==> flow/design.v <==
module u_scratch_n #(
    parameter D = 96,
    parameter DATA_W = 16,
    parameter ADDR_W = $clog2(D),
    parameter NBLK = DATA_W / 8
) (
    input clk_i,
    input clk_en,
    input [NBLK-1:0] in_byte_en,
    input [ADDR_W-1:0] in_wa,
    input [DATA_W-1:0] in_wdata,
    input [ADDR_W-1:0] in_ra,
    output [DATA_W-1:0] out_rdata
);
    reg [DATA_W-1:0] rf [0:D-1];
    integer idx;
    always @(posedge clk_i) begin
        for (idx = 0; idx < NBLK; idx = idx + 1)
            if (clk_en && in_byte_en[idx]) rf[in_wa][8*idx +: 8] <= in_wdata[8*idx +: 8];
    end
    assign out_rdata = rf[in_ra];
endmodule
# Step by step through the tools: u_scratch_n
# The steps from the RTL of u_scratch_n to its reports follow in flow order.
# Line numbers count from 1 in the design file above.
# Operators: Yosys type, input widths -> output width; for muxes data width and select width s.
# Library cell names are shortened.
setup:
  top_module: "u_scratch_n"
  clk_port: "clk_i"
  cell_library: "sky130hd"
  pvt_corner: "tt_025C_1v80"

# Word level
# Source: Yosys, flattened and elaborated, memories not mapped. Widths are those after wreduce; folded enables and synchronous resets count as part of the registers. Registers that Yosys merges into a memory's read port (data or address) are not register bits. Print and check cells do not count. Equal cells are merged and count once.
# Yosys's memory passes give these memory sizes; they may raise the number of words (mostly to a power of two), join words into wider ones and drop unused or constant bits.
word_totals:
  wordCells: 7
  inputBits: 34
  ramBits: 1536
  n_memories: 1
  regBits: 0
  output_inout_bits: 16
mem_list:
  columns: ["name", "size", "word_bits", "rd", "write_ports", "line_no", "source"]
  rows:
  - ["rf", 96, 16, 1, 1, 15, "reg [DATA_W-1:0] rf [0:D-1];"]
classes:
  n_reduce_logical: 2
  muxes: 4
ops:
  columns: ["cell", "count"]
  rows:
  - ["$mux 16", 2]
  - ["$logic_and 1x1->1", 2]
  - ["$mux 1", 2]

# Longest topological paths
# Longest topological path by Yosys (ltp), each cell counted once; first at word level (registers and memories cut), then after technology mapping (sequential cells cut; the memories' decode and read muxes count).
depth:
  ltp_word: 2
  ABC_AREA: 0
  mapped_depth: 10
  depth_no_buf: 5

# After synthesis
# Yosys stat after the flow's synthesis: flattened, memories mapped to cells. It holds for the ABC_AREA given above (unset counts as 0); a run with the other value may have another netlist.
# Totals and module areas in this step are rounded.
types:
  columns: ["cell", "count", "area_total_um2"]
  rows:
  - ["edfxtp_1", 1536, 4.61E+04]
  - ["mux4_2", 393, 8.85E+03]
  - ["nor2_1", 210, 788.256]
  - ["mux2i_1", 51, 510.49]
  - ["a22oi_1", 56, 420.403]
  - ["nand3_1", 66, 330.317]
  - ["clkbuf_1", 79, 296.534]
  - ["nand2_1", 75, 281.52]
  - ["buf_4", 34, 255.245]
  - ["a21oi_1", 47, 235.226]
  - ["o211ai_1", 25, 187.68]
  - ["o22ai_1", 30, 187.68]
  - ["buf_2", 33, 165.158]
  - ["buf_6", 8, 90.086]
  - ["nor2b_1", 13, 81.328]
  - ["nand4_1", 9, 56.304]
  - ["o221ai_1", 6, 52.55]
  - ["buf_1", 12, 45.043]
# Not listed: further types 18, cells in them 42.
synth_totals:
  mapped_area_um2: 59000
  buf_cells: 166
  cell_count: 2725
  ff_cells: 1536
  sequential_area_um2: 46000

# Worst setup path after synthesis
# OpenSTA on the mapped netlist: ideal clock, no wires. The path of least setup slack (recovery checks aside). Input and output delay are each 20% of the period. Register names are those of the netlist, which keeps one name where synthesis merged equal registers.
synth_timing:
  path_type: "input to output"
  start: "in in_ra[0]"
  end: "out out_rdata[14]"
  required_time_ps: 2632
  clock_period_ps: 3290
  in_delay_ps: 658
  t_first_pin_ps: 658
  arrival_time_ps: 2239
  n_path_buf: 3
  out_delay_ps: 658
  path_slack_ps: 393
  path_stages: 8
  delay_ps: 1581
  synth_period_reached_ps: 2897
# "delay_ps" is the arrival time less input delay plus setup time.
# A path that ends at an output port has no setup time.
# "path_stages" counts driving pins, that of a launching flip-flop among them; a cell with two outputs on the path counts twice.
# "synth_period_reached_ps" = period - worst setup slack (recovery checks aside). The figure is calculated, with input and output delays left at 20% of the set period.
# The rows between start and end are the longest chain of elaborated cells between them; the timing report does not say that the signal goes this way. Where chains are equally long, one stands for them.
# Each line given opens the expression or statement behind the cell; cells for indexed reads and writes are added by Yosys, which also makes memories of some case tables.
# The chain passes a memory read, where the word-level depth is cut; so it can be longer than that depth.
synth_between:
  cell_sequence: "buf_6 buf_4 buf_2 mux4_2 a22oi_1 a21oi_1 a21oi_1 nand3_1"
  elab_chain_len: 1
  cells_between: 1
  cone_lines: 1
  cone_classes: "memory: 1"
synth_rtl:
  columns: ["element", "line_no", "source"]
  rows:
  - ["from (decl)", 12, "input [ADDR_W-1:0] in_ra,"]
  - ["$mem_v2 96x16", 15, "reg [DATA_W-1:0] rf [0:D-1];"]
  - ["to (decl)", 13, "output [DATA_W-1:0] out_rdata"]

# Timing after layout
# From the final timing report of run 1: the path of least setup slack in the routed layout; clock arrival at registers is part of the times.
# The path's times are printed in steps of 10 ps; the period is the one set.
layout_timing:
  path_type: "register to output"
  start: "mem rf[87][2]"
  end: "out out_rdata[2]"
  n_path_buf: 2
  t_first_pin_ps: 750
  arrival_time_ps: 2900
  out_delay_ps: 380
  path_slack_ps: -1360
  required_time_ps: 1540
  path_stages: 7
  clock_period_ps: 1920
# The rows between start and end are the longest chain of elaborated cells between them; the timing report does not say that the signal goes this way. Where chains are equally long, one stands for them.
# The chain passes a memory read, where the word-level depth is cut; so it can be longer than that depth.
layout_between:
  cell_sequence: "edfxtp_1 mux4_2 mux4_2 o211ai_1 buf_4 nand3_4 buf_6"
  elab_chain_len: 1
  cells_between: 1
  cone_lines: 1
  cone_classes: "memory: 1"
layout_rtl:
  columns: ["element", "line_no", "source"]
  rows:
  - ["from (decl)", 15, "reg [DATA_W-1:0] rf [0:D-1];"]
  - ["$mem_v2 96x16", 15, null]
  - ["to (decl)", 13, "output [DATA_W-1:0] out_rdata"]

# Settings and measured results of 3 stored flow runs for module u_scratch_n (sky130hd), not sorted in any way. The constraints put input and output delay at 20% of the set period each and load the outputs with 0.01 pF.
# "clock_period_reached_ps": clock period set for the run, less the worst setup slack. It is reckoned from that one timing run; input and output delays stay at 20% of the period that was set.
# By "worst_path_allowed_less_slack_ps" is meant the share of the clock period that the worst setup path is allowed (20% is reserved at inputs, 20% at outputs), minus its slack. Clock arrival times at its registers enter into it.
# "power.total_mw" is the tool's figure for a default switching activity; nothing was simulated.
# "worst_path_allowed_less_slack_ps" is known to 10 ps.
# Measured values are rounded.
runs:
  - name: "run 1"
    settings:
      period_ns: 1.92
      CORE_UTILIZATION: 43
      SETUP_SLACK_MARGIN: 0.44
      PLACE_DENSITY_LB_ADDON: 0.14
      CORE_ASPECT_RATIO: 1.62
      TNS_END_PERCENT: 100
      GPL_TIMING_DRIVEN: 1
      GPL_ROUTABILITY_DRIVEN: 1
      CAP_MARGIN: 20
      MAX_ROUTING_LAYER: "met5"
      CORE_MARGIN: 2
      SLEW_MARGIN: 20
    results:
      total_negative_slack_ps: -19000
      final_die_area_um2: 140000
      power.total_mw: 70
      finish.stdcell_area_um2: 73000
      final_hold_ws_ps: 44
      clock_period_reached_ps: 3285
      worst_path_allowed_less_slack_ps: 2900
      worstPathKind: "register to output"
      worstSetupSlack_ps: -1400
      layout_utilization_frac: 0.53
      synthesis_area_um2: 59000
  - name: "run 2"
    settings:
      period_ns: 2.77
      CORE_UTILIZATION: 72
      SETUP_SLACK_MARGIN: -0.23
      PLACE_DENSITY_LB_ADDON: 0.21
      CORE_MARGIN: 2
      CELL_PAD_IN_SITES_GLOBAL_PLACEMENT: 0
      TNS_END_PERCENT: 75
      ABC_AREA: 1
      GPL_TIMING_DRIVEN: 0
      CTS_CLUSTER_SIZE: 28
      CAP_MARGIN: 35
      MAX_ROUTING_LAYER: "met4"
      SLEW_MARGIN: 20
    results:
      total_negative_slack_ps: -250000
      final_die_area_um2: 90000
      power.total_mw: 51
      finish.stdcell_area_um2: 76000
      final_hold_ws_ps: 130
      clock_period_reached_ps: 3628
      worst_path_allowed_less_slack_ps: 2520
      worstPathKind: "input to output"
      worstSetupSlack_ps: -860
      layout_utilization_frac: 0.87
      synthesis_area_um2: 63000
  - name: "run 3"
    settings:
      period_ns: 3.29
      CAP_MARGIN: 20
      CORE_MARGIN: 2
      CORE_UTILIZATION: 40
      SLEW_MARGIN: 20
    results:
      total_negative_slack_ps: -3000
      final_die_area_um2: 150000
      power.total_mw: 42
      finish.stdcell_area_um2: 73000
      final_hold_ws_ps: 330
      clock_period_reached_ps: 3614
      worst_path_allowed_less_slack_ps: 2960
      worstPathKind: "register to output"
      worstSetupSlack_ps: -320
      layout_utilization_frac: 0.49
      synthesis_area_um2: 59000
